==> flow/design.v <==
module mul_n #(
  parameter XLEN = 40,
  parameter KVAL = 365,
  parameter RES_W = XLEN + $clog2(KVAL + 1)
) (
  input wire i_clk,
  input wire aresetn,
  input wire [XLEN-1:0] dataa,
  output wire [RES_W-1:0] res
);
  reg [XLEN-1:0] dataa_q;
  always @(posedge i_clk or negedge aresetn) begin
    if (~aresetn) begin
      dataa_q <= 0;
    end else begin
      dataa_q <= dataa;
    end
  end
  reg [RES_W-1:0] res_q;
  always @(posedge i_clk or negedge aresetn) begin
    if (~aresetn) begin
      res_q <= 0;
    end else begin
      res_q <= dataa_q * KVAL;
    end
  end
  assign res = res_q;
endmodule
# [Tool chain data of mul_n]
# Tool output for the design above, in the order of the flow.
# Lines are those of the file above, counted from 1.
# Operators: Yosys type, input widths -> output width; for muxes data width and select width s.
# The mark - stands for no value.
[inputs] top="mul_n" clock_port="i_clk" library="sky130hd" pvt_corner="tt_025C_1v80"

# [After elaboration]
# Yosys after proc, flatten, opt, wreduce and memory -nomap, before mapping. Enables and synchronous resets that opt folds into registers are not counted as muxes. Memory bits, and registers merged into a memory's read port (data or address), are not among the register bits. Print and check cells are not counted. Equal cells are merged and count once.
[bits] input_bits=42 word_cells=3 reg_bits=89 output_inout_bits=49
[classes] n_mul=1
[ops] operator="$mul 40x9->49 const B" count=1

# [Depth]
# Depth = most cells in a row (Yosys ltp): at word level without a register or memory, in the mapped netlist without a sequential cell, where the memories' decode and read muxes count.
[depth] ltp_word=1 ABC_AREA=0 depth_mapped=18 mapped_depth_nobuf=18

# [Synthesis result]
# The flow's flattened synthesis, as Yosys stat reports it; memories are mapped. The netlist is that of the ABC_AREA named above (0 if unset); the other value can give another one.
# The area totals of this step are shown rounded.
[mapped] n_buf=10 mapped_cells=884 ffs=89 seq_area_um2=2227 synth_area_um2=9261
[by_type] type="sky130_fd_sc_hd__fa_1" count=137 type_area_um2=2742.63
[by_type] type="sky130_fd_sc_hd__dfrtp_1" count=89 type_area_um2=2.23E+03
[by_type] type="sky130_fd_sc_hd__ha_1" count=113 type_area_um2=1.41E+03
[by_type] type="sky130_fd_sc_hd__inv_1" count=219 type_area_um2=822.038
[by_type] type="sky130_fd_sc_hd__a21oi_1" count=49 type_area_um2=245.235
[by_type] type="sky130_fd_sc_hd__xnor2_1" count=27 type_area_um2=236.477
[by_type] type="sky130_fd_sc_hd__xor2_1" count=25 type_area_um2=218.96
[by_type] type="sky130_fd_sc_hd__a21o_1" count=19 type_area_um2=142.637
[by_type] type="sky130_fd_sc_hd__nand2_1" count=37 type_area_um2=138.883
[by_type] type="sky130_fd_sc_hd__o21ai_0" count=20 type_area_um2=100.096
[by_type] type="sky130_fd_sc_hd__o21bai_1" count=9 type_area_um2=67.565
[by_type] type="sky130_fd_sc_hd__nor2_1" count=16 type_area_um2=60.058
[by_type] type="sky130_fd_sc_hd__nor3_1" count=10 type_area_um2=50.048
[by_type] type="sky130_fd_sc_hd__a31oi_1" count=7 type_area_um2=43.792
[by_type] type="sky130_fd_sc_hd__nand4_1" count=7 type_area_um2=43.792
[by_type] type="sky130_fd_sc_hd__nor2b_1" count=7 type_area_um2=43.792
[by_type] type="sky130_fd_sc_hd__nand3_1" count=8 type_area_um2=40.038
[by_type] type="sky130_fd_sc_hd__o21ai_1" count=8 type_area_um2=40.038
# Not listed: further types 38, cells in them 77.

# [Timing after synthesis]
# Source: OpenSTA report_checks on the synthesized netlist (no wires, ideal clock, input and output delay 20% of the period each), path of least setup slack; recovery checks are left aside. Register names are those of the netlist, which keeps one name where synthesis merged equal registers.
[synth_path] path_type="reg-to-reg" from="reg dataa_q[11]" to="reg res_q[42]" n_path_buf=0 t_arrival_ps=4165 t_required_ps=5230 driving_pins=18 slack_ps=1065 setup_time_ps=80 launch_ps=0 tclk_ps=5310 path_delay_ps=4245 period_less_setup_slack_ps=4245
# "path_delay_ps" is the arrival time less input delay plus setup time.
# "driving_pins": output pins that drive a net of the path, with the launching flip-flop's if there is one; two outputs of one cell count as two.
# "period_less_setup_slack_ps" = period - worst setup slack (recovery checks aside). The figure is calculated, with input and output delays left at 20% of the set period.
# The rows between start and end are the longest chain of elaborated cells between them; the timing report does not say that the signal goes this way. Where chains are equally long, one stands for them.
# A line is the first line of the expression or statement that the cell stems from. Yosys adds cells for indexed reads and writes and turns some case tables into memories.
[synth_via] cell_sequence="sky130_fd_sc_hd__dfrtp_1 > sky130_fd_sc_hd__ha_1 > sky130_fd_sc_hd__inv_1 > sky130_fd_sc_hd__fa_1 > sky130_fd_sc_hd__inv_1 > sky130_fd_sc_hd__fa_1 > sky130_fd_sc_hd__inv_1 > sky130_fd_sc_hd__fa_1 > sky130_fd_sc_hd__inv_1 > sky130_fd_sc_hd__ha_1 > sky130_fd_sc_hd__a21oi_2 > sky130_fd_sc_hd__o21bai_1 > sky130_fd_sc_hd__a2111oi_0 > sky130_fd_sc_hd__o211ai_1 > sky130_fd_sc_hd__a21oi_2 > sky130_fd_sc_hd__o2bb2ai_1 > sky130_fd_sc_hd__a31oi_1 > sky130_fd_sc_hd__xnor2_1" elab_chain_len=1 cone_cells=1 lines_between=1 classes_between="mul: 1"
[synth_rtl] element="start: declaration" line=11 text="reg [XLEN-1:0] dataa_q;"
[synth_rtl] element="start: assignment" line=14 text="dataa_q <= 0;"
[synth_rtl] element="start: assignment" line=16 text="dataa_q <= dataa;"
[synth_rtl] element="$mul 40x9->49" line=24 text="res_q <= dataa_q * KVAL;"
[synth_rtl] element="end: assignment" line=22 text="res_q <= 0;"
[synth_rtl] element="end: assignment" line=24
[synth_rtl] element="end: declaration" line=19 text="reg [RES_W-1:0] res_q;"

# [Timing after layout]
# Path of least setup slack in the final report of job 1 (OpenROAD, finished layout, wires in). Where an end is a register, its clock arrival counts in the times.
# The path's times are printed in steps of 10 ps; the period is the one set.
[layout_path] path_type="reg-to-reg" from="reg dataa_q[14]" to="reg res_q[42]" n_path_buf=0 t_required_ps=5580 slack_ps=400 launch_ps=350 setup_time_ps=80 driving_pins=18 t_arrival_ps=5180 tclk_ps=5310
# The rows between start and end are the longest chain of elaborated cells between them; the timing report does not say that the signal goes this way. Where chains are equally long, one stands for them.
[layout_via] cell_sequence="sky130_fd_sc_hd__dfrtp_1 > sky130_fd_sc_hd__ha_1 > sky130_fd_sc_hd__inv_1 > sky130_fd_sc_hd__fa_1 > sky130_fd_sc_hd__inv_1 > sky130_fd_sc_hd__fa_1 > sky130_fd_sc_hd__inv_1 > sky130_fd_sc_hd__fa_1 > sky130_fd_sc_hd__inv_1 > sky130_fd_sc_hd__ha_1 > sky130_fd_sc_hd__a21oi_2 > sky130_fd_sc_hd__o21bai_1 > sky130_fd_sc_hd__a2111oi_1 > sky130_fd_sc_hd__o211ai_1 > sky130_fd_sc_hd__a21oi_4 > sky130_fd_sc_hd__o2bb2ai_1 > sky130_fd_sc_hd__a31oi_1 > sky130_fd_sc_hd__xnor2_1" elab_chain_len=1 cone_cells=1 lines_between=1 classes_between="mul: 1"
[layout_rtl] element="start: declaration" line=11 text="reg [XLEN-1:0] dataa_q;"
[layout_rtl] element="start: assignment" line=14 text="dataa_q <= 0;"
[layout_rtl] element="start: assignment" line=16 text="dataa_q <= dataa;"
[layout_rtl] element="$mul 40x9->49" line=24 text="res_q <= dataa_q * KVAL;"
[layout_rtl] element="end: assignment" line=22 text="res_q <= 0;"
[layout_rtl] element="end: assignment" line=24
[layout_rtl] element="end: declaration" line=19 text="reg [RES_W-1:0] res_q;"

## Implementation results

Below are 3 stored runs of the flow (Yosys, OpenROAD; platform sky130hd) on mul_n, each with its settings and what was measured, unordered. Constraints: input delay and output delay 20% of the set period each, output load 0.01 pF.
"achieved_clock_period_ps": clock period set for the run, less the worst setup slack. It is reckoned from that one timing run; input and output delays stay at 20% of the period that was set.
"worst_path_allowed_less_slack_ps" is the time allowed to the run's worst setup path (the clock period less input and output delay, where it has them) less its slack. Clock arrival times count: a late capture clock shortens it, a late launch clock lengthens it.
"worst_path_allowed_less_slack_ps" is given in steps of 10 ps.
Measured values are rounded.

[flow] job 1: files
==> flow/run.sh <==
#!/bin/bash
# the make line also repeats the synthesis and layout settings of config.mk as NAME=value (left out here)
make -C /OpenROAD-flow-scripts/flow DESIGN_CONFIG=/design/flow/config.mk WORK_HOME=/design/flow/orfs CLKGATE_MAP_FILE= finish
==> flow/config.mk <==
export PLATFORM = sky130hd
export DESIGN_NAME = mul_n
export DESIGN_NICKNAME = mul_n
export VERILOG_FILES = /design/flow/design.v
export SDC_FILE = /design/flow/constraint.sdc
export NUM_CORES = 4
export LEC_CHECK = 0
export CAP_MARGIN = 20
export CORE_MARGIN = 2
export CORE_UTILIZATION = 40
export SLEW_MARGIN = 20
==> flow/constraint.sdc <==
create_clock -name core_clock -period 5.31 [get_ports {i_clk}]
set_input_delay 1.0620 -clock core_clock [delete_from_list [all_inputs] [get_ports {i_clk}]]
set_output_delay 1.0620 -clock core_clock [all_outputs]
set_load 0.01 [all_outputs]

[flow] job 1: metrics
[metrics] timing.setup.tns_ps = 0
[metrics] setup_ws_ps = 403
[metrics] util_frac = 0.476
[metrics] achieved_clock_period_ps = 4907
[metrics] die_footprint_um2 = 24390
[metrics] post_route_stdcell_area_um2 = 10800
[metrics] yosys_chip_area_um2 = 9261
[metrics] worst_path_allowed_less_slack_ps = 4910
[metrics] path_kind = reg-to-reg

[flow] job 2: files
==> flow/run.sh <==
#!/bin/bash
# the make line also repeats the synthesis and layout settings of config.mk as NAME=value (left out here)
make -C /OpenROAD-flow-scripts/flow DESIGN_CONFIG=/design/flow/config.mk WORK_HOME=/design/flow/orfs CLKGATE_MAP_FILE= finish
==> flow/config.mk <==
export PLATFORM = sky130hd
export DESIGN_NAME = mul_n
export DESIGN_NICKNAME = mul_n
export VERILOG_FILES = /design/flow/design.v
export SDC_FILE = /design/flow/constraint.sdc
export NUM_CORES = 4
export LEC_CHECK = 0
export CAP_MARGIN = 20
export CORE_MARGIN = 2
export CORE_UTILIZATION = 66
export GPL_TIMING_DRIVEN = 1
export HOLD_SLACK_MARGIN = 0.01
export MAX_ROUTING_LAYER = met5
export PLACE_DENSITY_LB_ADDON = 0.24
export SETUP_SLACK_MARGIN = 1.2
export SLEW_MARGIN = 20
export TNS_END_PERCENT = 80
==> flow/constraint.sdc <==
create_clock -name core_clock -period 4.22 [get_ports {i_clk}]
set_input_delay 0.8440 -clock core_clock [delete_from_list [all_inputs] [get_ports {i_clk}]]
set_output_delay 0.8440 -clock core_clock [all_outputs]
set_load 0.01 [all_outputs]

[flow] job 2: not finished: routing ended with error GRT-0232

[flow] job 3: files
==> flow/run.sh <==
#!/bin/bash
# the make line also repeats the synthesis and layout settings of config.mk as NAME=value (left out here)
make -C /OpenROAD-flow-scripts/flow DESIGN_CONFIG=/design/flow/config.mk WORK_HOME=/design/flow/orfs CLKGATE_MAP_FILE= finish
==> flow/config.mk <==
export PLATFORM = sky130hd
export DESIGN_NAME = mul_n
export DESIGN_NICKNAME = mul_n
export VERILOG_FILES = /design/flow/design.v
export SDC_FILE = /design/flow/constraint.sdc
export NUM_CORES = 4
export LEC_CHECK = 0
export CAP_MARGIN = 20
export CORE_MARGIN = 8
export CORE_UTILIZATION = 64
export MAX_ROUTING_LAYER = met5
export MIN_ROUTING_LAYER = met1
export PLACE_DENSITY_LB_ADDON = 0.11
export SLEW_MARGIN = 15
export TNS_END_PERCENT = 15
==> flow/constraint.sdc <==
create_clock -name core_clock -period 2.69 [get_ports {i_clk}]
set_input_delay 0.5380 -clock core_clock [delete_from_list [all_inputs] [get_ports {i_clk}]]
set_output_delay 0.5380 -clock core_clock [all_outputs]
set_load 0.01 [all_outputs]

[flow] job 3: metrics
[metrics] timing.setup.tns_ps = -71420
[metrics] setup_ws_ps = -2044
[metrics] util_frac = 0.92
[metrics] achieved_clock_period_ps = 4734
[metrics] die_footprint_um2 = 18580
[metrics] post_route_stdcell_area_um2 = 13170
[metrics] yosys_chip_area_um2 = 9261
[metrics] worst_path_allowed_less_slack_ps = 4730
[metrics] path_kind = reg-to-reg
